==> flow/design.v <==
module alu_selector (clk, i_rst_n, data_i, choose_i, z_o_o);
    parameter XLEN = 4;
    parameter NIN = 3;
    input clk;
    input i_rst_n;
    input [NIN*XLEN-1:0] data_i;
    input [NIN-1:0] choose_i;
    output reg [XLEN-1:0] z_o_o;
    reg [NIN*XLEN-1:0] data_ff;
    reg [NIN-1:0] choose_ff;
    reg [XLEN-1:0] val;
    integer t;
    always @* begin
        val = 0;
        for (t = NIN-1; t >= 0; t = t - 1)
            if (choose_ff[t]) val = data_ff[t*XLEN +: XLEN];
    end
    always @(posedge clk or negedge i_rst_n) begin
        if (~i_rst_n) begin
            data_ff <= 0;
            choose_ff <= 0;
            z_o_o <= 0;
        end else begin
            data_ff <= data_i;
            choose_ff <= choose_i;
            z_o_o <= val;
        end
    end
endmodule
Hand-over note for alu_selector

* From RTL to reports: alu_selector
Module alu_selector in several versions that differ in "NIN"; each step lists the members. The file above is the member NIN 3. Line numbers count from 1 in each member's own file. Operators: Yosys type, input widths -> output width; for muxes data width and select width s. Cell names lack the library's common part. Not given: -
Inputs: top module alu_selector, clock port clk, library sky130hd, timing corner tt_025C_1v80

* Members of the sweep
New or changed lines of each further member against the RTL above, in its own file; lines it lacks are not shown.
Lines new or changed:
- NIN 5 | line 3 | parameter NIN = 5;
- NIN 8 | line 3 | parameter NIN = 8;

* Elaborated design
Yosys after proc, flatten, opt, wreduce and memory -nomap, before mapping. Enables and synchronous resets that opt folds into registers are not counted as muxes. Memory bits, and registers merged into a memory's read port (data or address), are not among the register bits. Print and check cells are not counted. Equal cells are merged and count once.
Storage and ports:
- NIN 3 | cells after elaboration 6, bits in registers 19, output and inout port bits 4, input bits 17
- NIN 5 | cells after elaboration 8, bits in registers 29, output and inout port bits 4, input bits 27
- NIN 8 | cells after elaboration 11, bits in registers 44, output and inout port bits 4, input bits 42
Cells by class (mux-type cells):
- NIN 3 | 3
- NIN 5 | 5
- NIN 8 | 8
Operators by type and width (kinds with counts):
- NIN 3 | 3 x $mux 4
- NIN 5 | 5 x $mux 4
- NIN 8 | 8 x $mux 4

* Longest topological paths
Longest topological path by Yosys (ltp), each cell counted once; first at word level (registers and memories cut), then after technology mapping (sequential cells cut; the memories' decode and read muxes count).
Depth:
- NIN 3 | depth in word-level cells 3, ABC_AREA 0, depth in mapped cells 2, mapped depth without buffers 2
- NIN 5 | depth in word-level cells 5, ABC_AREA 0, depth in mapped cells 3, mapped depth without buffers 3
- NIN 8 | depth in word-level cells 8, ABC_AREA 0, depth in mapped cells 5, mapped depth without buffers 4

* Synthesis result
The flow's flattened synthesis, as Yosys stat reports it; memories are mapped. The netlist is that of the ABC_AREA named above (0 if unset); the other value can give another one.
Synthesis totals:
- NIN 3 | buffers 0, cells in the netlist 35, flip-flop cells 19, cell area after synthesis 585.6 sq um
- NIN 5 | buffers 0, cells in the netlist 54, flip-flop cells 29, cell area after synthesis 887.1 sq um
- NIN 8 | buffers 2, cells in the netlist 90, flip-flop cells 44, cell area after synthesis 1387.6 sq um
Cell types (type and count):
- NIN 3 | 19 x dfrtp_1; 4 x nand3b_1; 3 x a21oi_2; 5 x a21oi_1; 3 x and2b_1; 1 x nor2b_1
- NIN 5 | 29 x dfrtp_1; 4 x a41oi_1; 8 x nand2_1; 4 x nand3b_1; 1 x nor3b_4; 3 x o22ai_1; 1 x or3b_2; 1 x or2b_1; 1 x o21ai_0; 1 x inv_1; 1 x nor2_1
- NIN 8 | 44 x dfrtp_1; 10 x a21oi_1; 4 x a221o_1; 4 x o2111ai_1; 4 x nand3b_1; 4 x a31oi_1; 4 x nand2b_1; 5 x nand2_1; 3 x o22ai_1; 1 x buf_6; 3 x inv_1; 1 x nor2b_2; 2 x nor2_1; 1 x buf_2

* Timing after synthesis
OpenSTA on the mapped netlist: ideal clock, no wires. The path of least setup slack (recovery checks aside). Input and output delay are each 20% of the period. Register names are those of the netlist, which keeps one name where synthesis merged equal registers.
Timing after synthesis:
- NIN 3 | path kind register to register, start register (name not given), end register z_o_o[1], path delay 768 ps, period 960 ps, setup slack 193 ps, driving pins on the path 3, synthesis period reached 767 ps
- NIN 5 | path kind register to register, start register (name not given), end register z_o_o[2], path delay 1059 ps, period 1320 ps, setup slack 261 ps, driving pins on the path 4, synthesis period reached 1059 ps
- NIN 8 | path kind register to register, start register (name not given), end register z_o_o[0], path delay 1064 ps, period 1330 ps, setup slack 267 ps, driving pins on the path 5, synthesis period reached 1063 ps
"path delay" is the arrival time less input delay plus setup time. "driving pins on the path" counts driving pins, that of a launching flip-flop among them; a cell with two outputs on the path counts twice. "synthesis period reached" = period - worst setup slack (recovery checks aside). The figure is calculated, with input and output delays left at 20% of the set period. Between the ends stands the longest chain of elaborated cells between them, by number of cells; it is not shown to be the way that was timed. Of several equally long chains one is given. A line is the first line of the expression or statement that the cell stems from. Yosys adds cells for indexed reads and writes and turns some case tables into memories.
Between the ends, after synthesis, NIN 3: length of the longest elaborated chain 2
RTL lines, path after synthesis, NIN 3:
- start, declared | line 10
- start, assigned | line 21
- start, assigned | line 25
- $mux 4 x2 | line 16
- end, assigned | line 22 | z_o_o <= 0;
- end, assigned | line 26 | z_o_o <= val;
- end, declared | line 8 | output reg [XLEN-1:0] z_o_o;
Between the ends, after synthesis, NIN 8: length of the longest elaborated chain 8
RTL lines, path after synthesis, NIN 8:
- start, declared | line 10
- start, assigned | line 21
- start, assigned | line 25
- $mux 4 x8 | line 16
- end, assigned | line 22 | z_o_o <= 0;
- end, assigned | line 26 | z_o_o <= val;
- end, declared | line 8 | output reg [XLEN-1:0] z_o_o;

* Timing after layout
Path of least setup slack in the final report of the run of each member (OpenROAD, finished layout, wires in). Where an end is a register, its clock arrival counts in the times. The path's times are printed in steps of 10 ps; the period is the one set.
Timing after layout:
- NIN 3 | path kind register to output, start register z_o_o[3], end output z_o_o[3], driving pins on the path 2, period 960 ps, setup slack -30 ps, arrival time 800 ps, path buffers 1
- NIN 5 | path kind register to output, start register z_o_o[1], end output z_o_o[1], driving pins on the path 2, period 1320 ps, setup slack 90 ps, arrival time 960 ps, path buffers 1
- NIN 8 | path kind register to output, start register z_o_o[2], end output z_o_o[2], driving pins on the path 2, period 1330 ps, setup slack 60 ps, arrival time 1010 ps, path buffers 1

* Measured runs
Settings and results of one run of the flow (Yosys, OpenROAD) for each member follow. The constraints put input and output delay at 20% of the set period each and load the outputs with 0.01 pF.
Flow settings: CAP_MARGIN 20, CORE_MARGIN 2, CORE_UTILIZATION 40, SLEW_MARGIN 20
Settings by member (period_ns):
- NIN 3 | 0.96
- NIN 5 | 1.32
- NIN 8 | 1.33
Results:
- NIN 3 | area of the synthesized netlist 585.6 sq um, total power of the final layout 1.402 mW, overall die area 1785.9 sq um, period reached 988 ps, utilization after layout 62.8%, setup slack of the critical path -28 ps
- NIN 5 | area of the synthesized netlist 887.1 sq um, total power of the final layout 1.585 mW, overall die area 2610.7 sq um, period reached 1226 ps, utilization after layout 60.0%, setup slack of the critical path 94 ps
- NIN 8 | area of the synthesized netlist 1387.6 sq um, total power of the final layout 2.651 mW, overall die area 3955.8 sq um, period reached 1275 ps, utilization after layout 60.2%, setup slack of the critical path 55 ps
By "period reached" is meant the clock period of the run minus its worst setup slack. This is arithmetic on one report: input and output delays are still those of the set period (20% each). "total power of the final layout" rests on the timing tool's default activity at the inputs, not on a simulated workload.

End of note.
